==> flow/design.v <==
module mul_rtl #(
   parameter XLEN = 14
) (
   input wire aclk,
   input wire aresetn,
   input wire [XLEN-1:0] lhs,
   input wire [XLEN-1:0] rhs,
   input wire load,
   output wire [2*XLEN-1:0] mul,
   output wire fin
);
   localparam SEL_W = $clog2(XLEN + 1);
   reg [XLEN-1:0] mcand;
   reg [SEL_W-1:0] steps;
   reg [2*XLEN-1:0] run_sum;
   wire [XLEN:0] t = run_sum[2*XLEN-1:XLEN] + (run_sum[0] ? mcand : {XLEN{1'b0}});
   assign mul = run_sum;
   assign fin = (steps == 0);
   always @(posedge aclk or negedge aresetn) begin
      if (~aresetn) begin
         mcand <= 0;
         steps <= 0;
         run_sum <= 0;
      end else begin
         mcand <= load ? lhs : mcand;
         steps <= load ? XLEN : (steps != 0) ? steps - 1'b1 : steps;
         run_sum <= load ? {{XLEN{1'b0}}, rhs} : (steps != 0) ? {t, run_sum[XLEN-1:1]} : run_sum;
      end
   end
endmodule
# From RTL to reports: mul_rtl
# Tool output for the design above, in the order of the flow.
# Lines are those of the file above, counted from 1.
# Operators: Yosys type, input widths -> output width; for muxes data width and select width s.
inputs:
  top_module: "mul_rtl"
  clock_port: "aclk"
  cell_library: "sky130hd"
  lib_corner: "tt_025C_1v80"

# After elaboration
# Yosys after proc, flatten, opt, wreduce and memory -nomap, before mapping. Memory bits, and registers merged into a memory's read port (data or address), are not among the register bits. Print and check cells are not counted. Equal cells are merged and count once.
op_classes:
  n_reduce_logical: 3
  addsub: 2
  mux: 5
op_table:
  columns: ["cell", "n"]
  rows:
  - ["$mux 28", 2]
  - ["$add 14x14->15", 1]
  - ["$mux 14", 1]
  - ["$mux 4", 2]
  - ["$sub 4x1->4 const B", 1]
  - ["$logic_not 4->1", 1]
  - ["$reduce_bool 4->1", 1]
  - ["$reduce_bool 2->1", 1]
word_totals:
  input_bits: 31
  elab_cells: 13
  output_inout_bits: 29
  ff_bits: 46

# Longest topological paths
# Depth = most cells in a row (Yosys ltp): at word level without a register or memory, in the mapped netlist without a sequential cell, where the memories' decode and read muxes count.
logic_depth:
  depth_word: 4
  abc_area: 0
  ltp_mapped: 10
  ltp_nobuf: 9

# Mapped cells and area
# The flow's flattened synthesis, as Yosys stat reports it; memories are mapped. The netlist is that of the ABC_AREA named above (0 if unset); the other value can give another one.
mapped:
  cells: 268
  seq_area_um2: 1151.1
  buffers: 14
  yosys_area_um2: 2695.1
  flip_flops: 46
by_type:
  columns: ["cell", "n", "area_total_um2"]
  rows:
  - ["sky130_fd_sc_hd__dfrtp_1", 46, 1.15E+03]
  - ["sky130_fd_sc_hd__ha_1", 15, 187.68]
  - ["sky130_fd_sc_hd__mux2_2", 14, 157.651]
  - ["sky130_fd_sc_hd__mux2i_1", 14, 140.134]
  - ["sky130_fd_sc_hd__o21ai_0", 23, 115.11]
  - ["sky130_fd_sc_hd__nand2_1", 29, 108.854]
  - ["sky130_fd_sc_hd__and2_1", 15, 93.84]
  - ["sky130_fd_sc_hd__a21oi_1", 14, 70.067]
  - ["sky130_fd_sc_hd__a21o_1", 7, 52.55]
  - ["sky130_fd_sc_hd__nor2_1", 12, 45.043]
  - ["sky130_fd_sc_hd__xnor2_1", 5, 43.792]
  - ["sky130_fd_sc_hd__nand3b_1", 5, 37.536]
  - ["sky130_fd_sc_hd__a211o_1", 4, 35.034]
  - ["sky130_fd_sc_hd__or3_1", 5, 31.28]
  - ["sky130_fd_sc_hd__a211oi_1", 4, 30.029]
  - ["sky130_fd_sc_hd__clkbuf_1", 8, 30.029]
  - ["sky130_fd_sc_hd__nor3_1", 6, 30.029]
  - ["sky130_fd_sc_hd__xor2_1", 3, 26.275]
# Other cell types: 29; their cells: 39.

# Path before layout
# OpenSTA on the mapped netlist: ideal clock, no wires. The path of least setup slack (recovery checks aside). Input and output delay are each 20% of the period. Register names are those of the netlist, which keeps one name where synthesis merged equal registers.
synth_path:
  kind: "flip-flop to flip-flop"
  startpoint: "register run_sum[0]"
  endpoint: "register run_sum[25]"
  path_delay_ns: 2.577
  t_first_pin_ns: 0.000
  setup_ns: 0.124
  path_buffers: 1
  path_stages: 11
  period_ns: 3.22
  slack_ns: 0.643
  t_arrival_ns: 2.453
  t_required_ns: 3.096
  synth_period_reached_ns: 2.577
# "path_delay_ns" = arrival - input delay + setup time.
# "path_stages" counts driving pins, that of a launching flip-flop among them; a cell with two outputs on the path counts twice.
# "synth_period_reached_ns" is the clock period less the worst setup slack; recovery checks do not enter. This is arithmetic on one report: input and output delays are still those of the set period (20% each).
# Between the ends stands the longest chain of elaborated cells between them, by number of cells; it is not shown to be the way that was timed. Of several equally long chains one is given.
# A line is the first line of the expression or statement that the cell stems from. Yosys adds cells for indexed reads and writes and turns some case tables into memories.
synth_via:
  cell_sequence: "sky130_fd_sc_hd__dfrtp_1 > sky130_fd_sc_hd__clkbuf_1 > sky130_fd_sc_hd__and2_1 > sky130_fd_sc_hd__ha_1 > sky130_fd_sc_hd__fa_1 > sky130_fd_sc_hd__a211oi_2 > sky130_fd_sc_hd__o21bai_1 > sky130_fd_sc_hd__a21oi_1 > sky130_fd_sc_hd__nand2b_1 > sky130_fd_sc_hd__o21ai_0 > sky130_fd_sc_hd__a211o_1"
  elab_chain_len: 4
  cells_between: 4
  lines_between: 2
  cone_classes: "1 x add/sub; 3 x mux"
synth_rtl:
  columns: ["item", "line_no", "text"]
  rows:
  - ["start: declaration", 15, "reg [2*XLEN-1:0] run_sum;"]
  - ["start: assignment", 23, "run_sum <= 0;"]
  - ["start: assignment", 27, "run_sum <= load ? {{XLEN{1'b0}}, rhs} : (steps != 0) ? {t, run_sum[XLEN-1:1]} : run_sum;"]
  - ["$mux 14", 16, "wire [XLEN:0] t = run_sum[2*XLEN-1:XLEN] + (run_sum[0] ? mcand : {XLEN{1'b0}});"]
  - ["$add 14x14->15", 16, null]
  - ["$mux 28 x2", 27, null]
  - ["end: assignment", 23, null]
  - ["end: assignment", 27, null]
  - ["end: declaration", 15, null]

# Timing after layout
# From the final timing report of run 2: the path of least setup slack in the routed layout; clock arrival at registers is part of the times.
layout_path:
  kind: "flip-flop to flip-flop"
  startpoint: "register run_sum[0]"
  endpoint: "register run_sum[25]"
  path_stages: 10
  period_ns: 3.22
  setup_ns: 0.11
  slack_ns: 0.38
  t_arrival_ns: 3.02
  t_first_pin_ns: 0.29
  path_buffers: 0
  t_required_ns: 3.40
# Between the ends stands the longest chain of elaborated cells between them, by number of cells; it is not shown to be the way that was timed. Of several equally long chains one is given.
layout_via:
  cell_sequence: "sky130_fd_sc_hd__dfrtp_1 > sky130_fd_sc_hd__and2_1 > sky130_fd_sc_hd__ha_1 > sky130_fd_sc_hd__fa_1 > sky130_fd_sc_hd__a211oi_2 > sky130_fd_sc_hd__o21bai_1 > sky130_fd_sc_hd__a21oi_1 > sky130_fd_sc_hd__nand2b_1 > sky130_fd_sc_hd__o21ai_0 > sky130_fd_sc_hd__a211o_1"
  elab_chain_len: 4
  cells_between: 4
  lines_between: 2
  cone_classes: "1 x add/sub; 3 x mux"
layout_rtl:
  columns: ["item", "line_no", "text"]
  rows:
  - ["start: declaration", 15, "reg [2*XLEN-1:0] run_sum;"]
  - ["start: assignment", 23, "run_sum <= 0;"]
  - ["start: assignment", 27, "run_sum <= load ? {{XLEN{1'b0}}, rhs} : (steps != 0) ? {t, run_sum[XLEN-1:1]} : run_sum;"]
  - ["$mux 14", 16, "wire [XLEN:0] t = run_sum[2*XLEN-1:XLEN] + (run_sum[0] ? mcand : {XLEN{1'b0}});"]
  - ["$add 14x14->15", 16, null]
  - ["$mux 28 x2", 27, null]
  - ["end: assignment", 23, null]
  - ["end: assignment", 27, null]
  - ["end: declaration", 15, null]

Ticket comment

Measured results for mul_rtl: 2 stored runs of the Yosys and OpenROAD flow on sky130hd. The settings differ; the order carries no meaning. The constraints put input and output delay at 20% of the set period each and load the outputs with 0.01 pF.
"clock_period_reached_ns" is the run's clock period less its worst setup slack. It is reckoned from that one timing run; input and output delays stay at 20% of the period that was set.
"worst_path_allowed_less_slack_ns": the worst setup path's part of the clock period (all of it between registers, 20% less for each end at a port) less its slack. A launch clock that arrives late makes it longer, a capture clock that arrives late makes it shorter.
"power_uw": no workload was simulated; the value follows from the tool's default switching activity.

--- run 1 ---
==> flow/run.sh <==
#!/bin/bash
# the make line also repeats the synthesis and layout settings of config.mk as NAME=value (left out here)
make -C /OpenROAD-flow-scripts/flow DESIGN_CONFIG=/design/flow/config.mk WORK_HOME=/design/flow/orfs CLKGATE_MAP_FILE= finish
==> flow/config.mk <==
export PLATFORM = sky130hd
export DESIGN_NAME = mul_rtl
export DESIGN_NICKNAME = mul_rtl
export VERILOG_FILES = /design/flow/design.v
export SDC_FILE = /design/flow/constraint.sdc
export NUM_CORES = 4
export LEC_CHECK = 0
export ABC_AREA = 1
export CAP_MARGIN = 20
export CELL_PAD_IN_SITES_DETAIL_PLACEMENT = 2
export CORE_ASPECT_RATIO = 1.11
export CORE_MARGIN = 2
export CORE_UTILIZATION = 65
export CTS_CLUSTER_DIAMETER = 107
export GPL_TIMING_DRIVEN = 1
export PLACE_DENSITY = 0.85
export SETUP_SLACK_MARGIN = 0.62
export SLEW_MARGIN = 25
==> flow/constraint.sdc <==
create_clock -name core_clock -period 2.17 [get_ports {aclk}]
set_input_delay 0.4340 -clock core_clock [delete_from_list [all_inputs] [get_ports {aclk}]]
set_output_delay 0.4340 -clock core_clock [all_outputs]
set_load 0.01 [all_outputs]

==> results, as YAML <==
outcome: "no final report: placement broke off with DPL-0033"

--- run 2 ---
==> flow/run.sh <==
#!/bin/bash
# the make line also repeats the synthesis and layout settings of config.mk as NAME=value (left out here)
make -C /OpenROAD-flow-scripts/flow DESIGN_CONFIG=/design/flow/config.mk WORK_HOME=/design/flow/orfs CLKGATE_MAP_FILE= finish
==> flow/config.mk <==
export PLATFORM = sky130hd
export DESIGN_NAME = mul_rtl
export DESIGN_NICKNAME = mul_rtl
export VERILOG_FILES = /design/flow/design.v
export SDC_FILE = /design/flow/constraint.sdc
export NUM_CORES = 4
export LEC_CHECK = 0
export CAP_MARGIN = 20
export CORE_MARGIN = 2
export CORE_UTILIZATION = 40
export SLEW_MARGIN = 20
==> flow/constraint.sdc <==
create_clock -name core_clock -period 3.22 [get_ports {aclk}]
set_input_delay 0.6440 -clock core_clock [delete_from_list [all_inputs] [get_ports {aclk}]]
set_output_delay 0.6440 -clock core_clock [all_outputs]
set_load 0.01 [all_outputs]

==> results, as YAML <==
results:
  yosys.chip_area_um2: 2695.1
  total_die_area_um2: 7410.6
  final_cell_area_um2: 3422.0
  util_pct: 53.3
  ws_setup_ns: 0.383
  tns_setup_ns: 0.000
  power_uw: 1569
  clock_period_reached_ns: 2.837
  worst_path_allowed_less_slack_ns: 2.84
  worstPathKind: "flip-flop to flip-flop"
